==> flow/design.v <==
module gen_diff_unit (clk, reset, i_x, i_y, o_q, o_diff);
    parameter XLEN = 32;
    input clk;
    input reset;
    input [XLEN-1:0] i_x;
    input [XLEN-1:0] i_y;
    output [XLEN:0] o_q;
    output [XLEN:0] o_diff;
    reg [XLEN-1:0] x_reg;
    reg [XLEN-1:0] y_reg;
    always @(posedge clk) begin
        if (reset) begin
            x_reg <= 0;
            y_reg <= 0;
        end else begin
            x_reg <= i_x;
            y_reg <= i_y;
        end
    end
    assign o_q = x_reg + y_reg;
    assign o_diff = x_reg - y_reg;
endmodule
==> reports on gen_diff_unit <==
Reports on gen_diff_unit
Tool output for the members of one design family, told apart by "XLEN", in the order of the flow.
The RTL above is that of XLEN 32; lines are counted from 1 in the file of the member named.
Operators: Yosys type, input widths -> output width; for muxes data width and select width s.
Cell names lack the library's common part.
A cell with - has no value.
- top: gen_diff_unit
- clock port: clk
- standard-cell library: sky130hd
- timing corner: tt_025C_1v80

Source of the members
Lines of each other member's file that are new or changed against the file above; lines that a member lacks are not shown.
- new or changed lines (XLEN ; line ; text):
    48 ; 2 ; parameter XLEN = 48;
    96 ; 2 ; parameter XLEN = 96;

After elaboration
Yosys after proc, flatten, opt, wreduce and memory -nomap, before mapping. Enables and synchronous resets that opt folds into registers are not counted as muxes. Memory bits, and registers merged into a memory's read port (data or address), are not among the register bits. Print and check cells are not counted. Equal cells are merged and count once.
- operators by class (XLEN ; add/sub/neg operators ; shift operators ; $lt $le $gt $ge ; reductions and logical operators ; div/mod/pow operators ; multipliers ; bitwise logic cells ; mux-type cells ; equal/unequal tests):
    32 ; 2 ; 0 ; 0 ; 0 ; 0 ; 0 ; 0 ; 0 ; 0
    48 ; 2 ; 0 ; 0 ; 0 ; 0 ; 0 ; 0 ; 0 ; 0
    96 ; 2 ; 0 ; 0 ; 0 ; 0 ; 0 ; 0 ; 0 ; 0
- operator list (XLEN ; kind and count):
    32 ; 1 x $add 32x32->33; 1 x $sub 32x32->33
    48 ; 1 x $add 48x48->49; 1 x $sub 48x48->49
    96 ; 1 x $add 96x96->97; 1 x $sub 96x96->97
- word-level totals (XLEN ; RAM bits ; elaborated cells ; input bits ; flip-flop bits (word level) ; latch bits ; memory bits (read-only) ; output and inout bits ; memories kept ; word width x clocked read ports):
    32 ; 0 ; 4 ; 66 ; 64 ; 0 ; 0 ; 66 ; 0 ; 0
    48 ; 0 ; 4 ; 98 ; 96 ; 0 ; 0 ; 98 ; 0 ; 0
    96 ; 0 ; 4 ; 194 ; 192 ; 0 ; 0 ; 194 ; 0 ; 0

Depth
Yosys ltp: most cells in a row. Word level: on the elaborated netlist, between registers, memories and ports. Mapped: between sequential cells and ports; inverters and the memories' decode and read muxes count.
- logic depth (XLEN ; word-level depth ; ABC_AREA ; depth in mapped cells ; gate-level depth less buffers):
    32 ; 1 ; 0 ; 12 ; 12
    48 ; 1 ; 0 ; 13 ; 13
    96 ; 1 ; 0 ; 15 ; 15

Synthesis result
The flow's flattened synthesis, as Yosys stat reports it; memories are mapped. The netlist is that of the ABC_AREA named above (0 if unset); the other value can give another one.
Totals and module areas in this step are rounded.
- mapped netlist (XLEN ; standard cells after synthesis ; buffers ; mapped flip-flops ; sequential part of the area (mm^2) ; chip area (Yosys) (mm^2)):
    32 ; 660 ; 31 ; 64 ; 0.00128 ; 0.00521
    48 ; 1026 ; 55 ; 96 ; 0.00192 ; 0.00812
    96 ; 2214 ; 111 ; 192 ; 0.00384 ; 0.0169
- cell types (XLEN ; types with counts):
    32 ; 64 x dfxtp_1; 64 x ha_1; 75 x nor2b_1; 47 x xnor2_1; 60 x a21oi_1; 63 x nor2_1; 61 x inv_1; 17 x a21o_1; 27 x nand2_1; 26 x clkbuf_1; 12 x o21bai_1; 8 x xor2_1; 10 x nand2b_1; 12 x o21ai_0; 10 x o21ai_1; 6 x a211oi_1; 9 x nor3_1; 6 x o31ai_1; [+83]
    48 ; 96 x dfxtp_1; 96 x ha_1; 83 x xnor2_1; 105 x nor2b_1; 114 x a21oi_1; 95 x inv_1; 70 x nor2_1; 31 x o21bai_1; 26 x a21o_1; 30 x o21ai_0; 19 x o31ai_1; 19 x nand4_1; 30 x clkbuf_1; 26 x nand2_1; 15 x nand2b_1; 18 x buf_2; 14 x a31oi_1; 15 x nand3_1; [+124]
    96 ; 192 x dfxtp_1; 192 x ha_1; 174 x xnor2_1; 214 x nor2b_1; 230 x a21oi_1; 197 x inv_1; 164 x nor2_1; 113 x o21ai_0; 112 x nand2_1; 47 x o21bai_1; 40 x nor4_1; 36 x nand4_1; 29 x a21o_1; 54 x clkbuf_1; 38 x buf_2; 38 x nor3_1; 24 x o31ai_1; 24 x nand2b_1; [+296]
A list marked [+n] leaves out that many cells.

Timing after synthesis
Source: OpenSTA report_checks on the synthesized netlist (no wires, ideal clock, input and output delay 20% of the period each), path of least setup slack; recovery checks are left aside. Register names are those of the netlist, which keeps one name where synthesis merged equal registers.
- path post-synthesis (XLEN ; path type ; start ; end ; delay of the path (ns) ; stages ; path slack (ns) ; clock period (ns) ; period reached after synthesis (ns)):
    32 ; register -> output ; register y_reg[4] ; output o_diff[29] ; 2.654 ; 11 ; 0.666 ; 4.15 ; 3.484
    48 ; register -> output ; register x_reg[0] ; output o_diff[26] ; 2.806 ; 13 ; 0.698 ; 4.38 ; 3.682
    96 ; register -> output ; register y_reg[1] ; output o_diff[93] ; 3.194 ; 15 ; 0.798 ; 4.99 ; 4.192
"delay of the path" = arrival - input delay + setup time.
A path that ends at an output port has no setup time.
"stages" counts driving pins, that of a launching flip-flop among them; a cell with two outputs on the path counts twice.
"period reached after synthesis" is the clock period less the worst setup slack; recovery checks do not enter. This is arithmetic on one report: input and output delays are still those of the set period (20% each).
The rows between start and end are the longest chain of elaborated cells between them; the timing report does not say that the signal goes this way. Where chains are equally long, one stands for them.
Each line given opens the expression or statement behind the cell; cells for indexed reads and writes are added by Yosys, which also makes memories of some case tables.
On the way, post-synthesis, XLEN 32:
- noted cells in the longest elaborated chain: 1
- ends and longest elaborated chain, post-synthesis, XLEN 32 (what ; line ; text):
    start, declared ; 10 ; reg [XLEN-1:0] y_reg;
    start, assigned ; 14 ; y_reg <= 0;
    start, assigned ; 17 ; y_reg <= i_y;
    $sub 32x32->33 ; 21 ; assign o_diff = x_reg - y_reg;
    end, declared ; 8 ; output [XLEN:0] o_diff;
On the way, post-synthesis, XLEN 96:
- noted cells in the longest elaborated chain: 1
- ends and longest elaborated chain, post-synthesis, XLEN 96 (what ; line ; text):
    start, declared ; 10 ; reg [XLEN-1:0] y_reg;
    start, assigned ; 14 ; y_reg <= 0;
    start, assigned ; 17 ; y_reg <= i_y;
    $sub 96x96->97 ; 21 ; assign o_diff = x_reg - y_reg;
    end, declared ; 8 ; output [XLEN:0] o_diff;

Worst path after layout
From the final timing report of each member's run: the path of least setup slack in the routed layout; clock arrival at registers is part of the times.
- path after layout (XLEN ; path type ; start ; end ; stages ; path buffers ; data arrival time (ns) ; clock period (ns) ; path slack (ns)):
    32 ; register -> output ; register y_reg[10] ; output o_q[19] ; 12 ; 2 ; 3.29 ; 4.15 ; 0.03
    48 ; register -> output ; register y_reg[0] ; output o_q[45] ; 15 ; 3 ; 3.48 ; 4.38 ; 0.03
    96 ; register -> output ; register y_reg[15] ; output o_diff[89] ; 17 ; 4 ; 4.12 ; 4.99 ; -0.12

Flow runs
One run of the flow (Yosys, OpenROAD) for each member, with settings and measured results. Input and output delays are each 20% of the period that was set; the output load is 0.01 pF.
- CAP_MARGIN at 20
- CORE_MARGIN: 2
- noted CORE_UTILIZATION: 40
- SLEW_MARGIN: 20
- settings by member (XLEN ; period_ns):
    32 ; 4.15
    48 ; 4.38
    96 ; 4.99
- measured results (XLEN ; total power of the final layout (mW) ; overall die area (mm^2) ; standard-cell area of the final layout (mm^2) ; total negative slack (ns) ; worst hold slack (ns) ; worst setup slack after layout (ns) ; netlist area reported by Yosys (mm^2) ; clock period reached (ns)):
    32 ; 2.46 ; 0.014 ; 0.00742 ; 0.000 ; 0.989 ; 0.028 ; 0.00521 ; 4.122
    48 ; 3.43 ; 0.0214 ; 0.0119 ; 0.000 ; 0.900 ; 0.026 ; 0.00812 ; 4.354
    96 ; 6.39 ; 0.044 ; 0.0266 ; -0.645 ; 0.904 ; -0.124 ; 0.0169 ; 5.114
"clock period reached" = clock period - worst setup slack. The figure is calculated, with input and output delays left at 20% of the set period.
By "total power of the final layout" is meant OpenSTA's value without simulated activity: inputs other than the clock are taken to toggle once in ten clock periods, and the tool carries that through the logic.
Values from the reports are rounded here.
